==> flow/design.v <==
module alu_compare_rtl (CLK, RSTN, op_a_i, op_b_i, lower_o, mx_o);
   parameter DATA_WIDTH = 24;
   input CLK;
   input RSTN;
   input [DATA_WIDTH-1:0] op_a_i;
   input [DATA_WIDTH-1:0] op_b_i;
   output [DATA_WIDTH-1:0] lower_o;
   output [DATA_WIDTH-1:0] mx_o;
   reg [DATA_WIDTH-1:0] r_op_a;
   always @(posedge CLK) begin
      if (~RSTN) begin
         r_op_a <= 0;
      end else begin
         r_op_a <= op_a_i;
      end
   end
   reg [DATA_WIDTH-1:0] r_op_b;
   always @(posedge CLK) begin
      if (~RSTN) begin
         r_op_b <= 0;
      end else begin
         r_op_b <= op_b_i;
      end
   end
   wire tmp;
   assign tmp = r_op_a < r_op_b;
   reg [DATA_WIDTH-1:0] r_lower;
   always @(posedge CLK) begin
      if (~RSTN) begin
         r_lower <= 0;
      end else begin
         r_lower <= tmp ? r_op_a : r_op_b;
      end
   end
   assign lower_o = r_lower;
   reg [DATA_WIDTH-1:0] r_mx;
   always @(posedge CLK) begin
      if (~RSTN) begin
         r_mx <= 0;
      end else begin
         r_mx <= tmp ? r_op_b : r_op_a;
      end
   end
   assign mx_o = r_mx;
endmodule
Step by step through the tools: alu_compare_rtl
The steps from the RTL of alu_compare_rtl to its reports follow in flow order.
Line numbers count from 1 in the design file above.
{"block": "design", "top_module": "alu_compare_rtl", "clock": "CLK", "lib": "sky130hd", "lib_corner": "tt_025C_1v80"}

After elaboration
Counts by Yosys on the flattened word-level netlist (proc, flatten, opt, wreduce; memories kept). Register bits leave out memories and registers merged into their read ports (data or address); mux counts leave out enables and synchronous resets folded into registers. Print and check cells are left out. Cells with the same type and inputs are merged into one.
{"block": "op_classes", "n_cmp": 1, "muxes": 2}
{"block": "op_table", "op": "two-way mux 24 bit", "count": 2}
{"block": "op_table", "op": "< comparator 24 bit", "count": 1}
{"block": "bits", "word_cells": 7, "inputBits": 50, "reg_bits": 96, "out_inout_bits": 48}

Depth
Longest topological path by Yosys (ltp), each cell counted once; first at word level (registers and memories cut), then after technology mapping (sequential cells cut; the memories' decode and read muxes count).
{"block": "depth", "word_depth": 2, "ABC_AREA": 0, "depth_mapped": 10, "mapped_depth_nobuf": 8}

Synthesis result
Yosys stat after the flow's synthesis: flattened, memories mapped to cells. It holds for the ABC_AREA given above (unset counts as 0); a run with the other value may have another netlist.
Totals and module areas in this step are rounded.
{"block": "by_type", "type": "sky130_fd_sc_hd__dfxtp_1", "count": 96, "area_total_um2": 1.92E+03}
{"block": "by_type", "type": "sky130_fd_sc_hd__mux2i_1", "count": 48, "area_total_um2": 480.461}
{"block": "by_type", "type": "sky130_fd_sc_hd__and2_1", "count": 48, "area_total_um2": 300.288}
{"block": "by_type", "type": "sky130_fd_sc_hd__ha_1", "count": 23, "area_total_um2": 287.776}
{"block": "by_type", "type": "sky130_fd_sc_hd__nand2_1", "count": 54, "area_total_um2": 202.694}
{"block": "by_type", "type": "sky130_fd_sc_hd__inv_1", "count": 23, "area_total_um2": 86.333}
{"block": "by_type", "type": "sky130_fd_sc_hd__a21oi_1", "count": 10, "area_total_um2": 50.048}
{"block": "by_type", "type": "sky130_fd_sc_hd__clkbuf_1", "count": 11, "area_total_um2": 41.29}
{"block": "by_type", "type": "sky130_fd_sc_hd__buf_6", "count": 3, "area_total_um2": 33.782}
{"block": "by_type", "type": "sky130_fd_sc_hd__a21o_1", "count": 4, "area_total_um2": 30.029}
{"block": "by_type", "type": "sky130_fd_sc_hd__o21ai_1", "count": 4, "area_total_um2": 20.019}
{"block": "by_type", "type": "sky130_fd_sc_hd__nand4_1", "count": 3, "area_total_um2": 18.768}
{"block": "by_type", "type": "sky130_fd_sc_hd__buf_4", "count": 2, "area_total_um2": 15.014}
{"block": "by_type", "type": "sky130_fd_sc_hd__nor4b_2", "count": 1, "area_total_um2": 15.014}
{"block": "by_type", "type": "sky130_fd_sc_hd__a21oi_2", "count": 1, "area_total_um2": 8.758}
{"block": "by_type", "type": "sky130_fd_sc_hd__a41oi_1", "count": 1, "area_total_um2": 8.758}
{"block": "by_type", "type": "sky130_fd_sc_hd__nand4b_1", "count": 1, "area_total_um2": 8.758}
{"block": "by_type", "type": "sky130_fd_sc_hd__and3_1", "count": 1, "area_total_um2": 6.256}
Not listed: further types 3, cells in them 3.
{"block": "synth_totals", "seq_area_um2": 1920, "buffers": 16, "flip_flops": 96, "mapped_area_um2": 3550, "cells": 337}

Timing after synthesis
OpenSTA on the mapped netlist: ideal clock, no wires. The path of least setup slack (recovery checks aside). Input and output delay are each 20% of the period. Register names are those of the netlist, which keeps one name where synthesis merged equal registers.
{"block": "synth_timing", "path_kind": "flip-flop to flip-flop", "startpoint": "register r_op_b[21]", "endpoint": "register r_lower[10]", "path_buffers": 2, "setup_slack_ns": 0.467, "t_first_pin_ns": 0.000, "tclk_ns": 2.32, "required_ns": 2.248, "driving_pins": 11, "arrival_ns": 1.782, "path_delay_ns": 1.854, "setup_ns": 0.072, "synth_period_reached_ns": 1.853}
"path_delay_ns" = arrival - input delay + setup time.
"driving_pins": output pins that drive a net of the path, with the launching flip-flop's if there is one; two outputs of one cell count as two.
"synth_period_reached_ns" is the clock period less the worst setup slack; recovery checks do not enter. This is arithmetic on one report: input and output delays are still those of the set period (20% each).
The rows between start and end are the longest chain of elaborated cells between them; the timing report does not say that the signal goes this way. Where chains are equally long, one stands for them.
Each line given opens the expression or statement behind the cell; cells for indexed reads and writes are added by Yosys, which also makes memories of some case tables.
{"block": "synth_between", "cell_sequence": "sky130_fd_sc_hd__dfxtp_1 -> sky130_fd_sc_hd__inv_1 -> sky130_fd_sc_hd__ha_1 -> sky130_fd_sc_hd__a21o_1 -> sky130_fd_sc_hd__a21o_1 -> sky130_fd_sc_hd__a21oi_1 -> sky130_fd_sc_hd__o21ai_1 -> sky130_fd_sc_hd__a21oi_2 -> sky130_fd_sc_hd__buf_6 -> sky130_fd_sc_hd__buf_6 -> sky130_fd_sc_hd__mux2i_1", "elab_chain_cells": 2, "cells_between": 2, "cone_lines": 2, "cone_classes": "compare: 1; mux: 1"}
{"block": "synth_rtl", "element": "from (decl)", "line": 17, "rtl": "reg [DATA_WIDTH-1:0] r_op_b;"}
{"block": "synth_rtl", "element": "from (assign)", "line": 20, "rtl": "r_op_b <= 0;"}
{"block": "synth_rtl", "element": "from (assign)", "line": 22, "rtl": "r_op_b <= op_b_i;"}
{"block": "synth_rtl", "element": "< comparator 24 bit", "line": 26, "rtl": "assign tmp = r_op_a < r_op_b;"}
{"block": "synth_rtl", "element": "two-way mux 24 bit", "line": 32, "rtl": "r_lower <= tmp ? r_op_a : r_op_b;"}
{"block": "synth_rtl", "element": "to (assign)", "line": 30, "rtl": "r_lower <= 0;"}
{"block": "synth_rtl", "element": "to (assign)", "line": 32}
{"block": "synth_rtl", "element": "to (decl)", "line": 27, "rtl": "reg [DATA_WIDTH-1:0] r_lower;"}

Timing after layout
Path of least setup slack in the final report of stored run 1 (OpenROAD, finished layout, wires in). Where an end is a register, its clock arrival counts in the times.
{"block": "layout_timing", "path_kind": "flip-flop to flip-flop", "startpoint": "register r_op_b[9]", "endpoint": "register r_lower[6]", "arrival_ns": 2.45, "t_first_pin_ns": 0.34, "tclk_ns": 3.61, "path_buffers": 2, "required_ns": 3.88, "setup_ns": 0.07, "setup_slack_ns": 1.42, "driving_pins": 11}
The rows between start and end are the longest chain of elaborated cells between them; the timing report does not say that the signal goes this way. Where chains are equally long, one stands for them.
{"block": "layout_between", "cell_sequence": "sky130_fd_sc_hd__dfxtp_1 -> sky130_fd_sc_hd__inv_1 -> sky130_fd_sc_hd__ha_1 -> sky130_fd_sc_hd__a21oi_1 -> sky130_fd_sc_hd__o21ai_1 -> sky130_fd_sc_hd__a41oi_1 -> sky130_fd_sc_hd__nor4b_2 -> sky130_fd_sc_hd__a21oi_2 -> sky130_fd_sc_hd__buf_6 -> sky130_fd_sc_hd__buf_6 -> sky130_fd_sc_hd__mux2i_1", "elab_chain_cells": 2, "cells_between": 2, "cone_lines": 2, "cone_classes": "compare: 1; mux: 1"}
{"block": "layout_rtl", "element": "from (decl)", "line": 17, "rtl": "reg [DATA_WIDTH-1:0] r_op_b;"}
{"block": "layout_rtl", "element": "from (assign)", "line": 20, "rtl": "r_op_b <= 0;"}
{"block": "layout_rtl", "element": "from (assign)", "line": 22, "rtl": "r_op_b <= op_b_i;"}
{"block": "layout_rtl", "element": "< comparator 24 bit", "line": 26, "rtl": "assign tmp = r_op_a < r_op_b;"}
{"block": "layout_rtl", "element": "two-way mux 24 bit", "line": 32, "rtl": "r_lower <= tmp ? r_op_a : r_op_b;"}
{"block": "layout_rtl", "element": "to (assign)", "line": 30, "rtl": "r_lower <= 0;"}
{"block": "layout_rtl", "element": "to (assign)", "line": 32}
{"block": "layout_rtl", "element": "to (decl)", "line": 27, "rtl": "reg [DATA_WIDTH-1:0] r_lower;"}

Stored flow runs of alu_compare_rtl (3 of them; Yosys, OpenROAD, sky130hd). They differ in their settings and are not a sequence. Constraints: input delay and output delay 20% of the set period each, output load 0.01 pF.
By "period_reached_ns" is meant the clock period of the run minus its worst setup slack. This is arithmetic on one report: input and output delays are still those of the set period (20% each).
"worstPathTime_ns" is the time allowed to the run's worst setup path (the clock period less input and output delay, where it has them) less its slack. Clock arrival times count: a late capture clock shortens it, a late launch clock lengthens it.
"total_power_mw" is the tool's figure for a default switching activity; nothing was simulated.
Results are given in rounded form.

{"run": "stored run 1", "settings": { "period_ns": 3.61, "CORE_UTILIZATION": 42, "PLACE_DENSITY_LB_ADDON": 0.0, "CORE_MARGIN": 5, "TNS_END_PERCENT": 30, "GPL_TIMING_DRIVEN": 0, "CTS_CLUSTER_DIAMETER": 228, "SLEW_MARGIN": 10, "MIN_ROUTING_LAYER": "met1", "CAP_MARGIN": 20 }, "results": { "setup_worst_slack_ns": 1.42, "total_power_mw": 2.24, "worstPathTime_ns": 2.19, "critical_path_kind": "flip-flop to flip-flop", "post_synth_area_um2": 3550, "cell_area_final_um2": 4840, "ws_hold_ns": 0.489, "design.die.area_um2": 10400, "setup_tns_ns": 0.000, "finish.utilization_pct": 58.9, "period_reached_ns": 2.188 }}
{"run": "stored run 2", "settings": { "period_ns": 3.49, "CORE_UTILIZATION": 37, "PLACE_DENSITY_LB_ADDON": 0.23, "CORE_ASPECT_RATIO": 1.92, "TNS_END_PERCENT": 100, "ABC_AREA": 1, "GPL_ROUTABILITY_DRIVEN": 0, "CTS_CLUSTER_SIZE": 100, "MIN_ROUTING_LAYER": "met1", "CAP_MARGIN": 20, "CORE_MARGIN": 2, "SLEW_MARGIN": 20 }, "results": { "setup_worst_slack_ns": 1.09, "total_power_mw": 2.70, "worstPathTime_ns": 2.40, "critical_path_kind": "flip-flop to flip-flop", "post_synth_area_um2": 4240, "cell_area_final_um2": 5520, "ws_hold_ns": 0.495, "design.die.area_um2": 12400, "setup_tns_ns": 0.000, "finish.utilization_pct": 48.9, "period_reached_ns": 2.399 }}
{"run": "stored run 3", "settings": { "period_ns": 2.32, "CAP_MARGIN": 20, "CORE_MARGIN": 2, "CORE_UTILIZATION": 40, "SLEW_MARGIN": 20 }, "results": { "setup_worst_slack_ns": 0.176, "total_power_mw": 3.60, "worstPathTime_ns": 2.14, "critical_path_kind": "flip-flop to flip-flop", "post_synth_area_um2": 3550, "cell_area_final_um2": 4860, "ws_hold_ns": 0.483, "design.die.area_um2": 9650, "setup_tns_ns": 0.000, "finish.utilization_pct": 56.0, "period_reached_ns": 2.144 }}
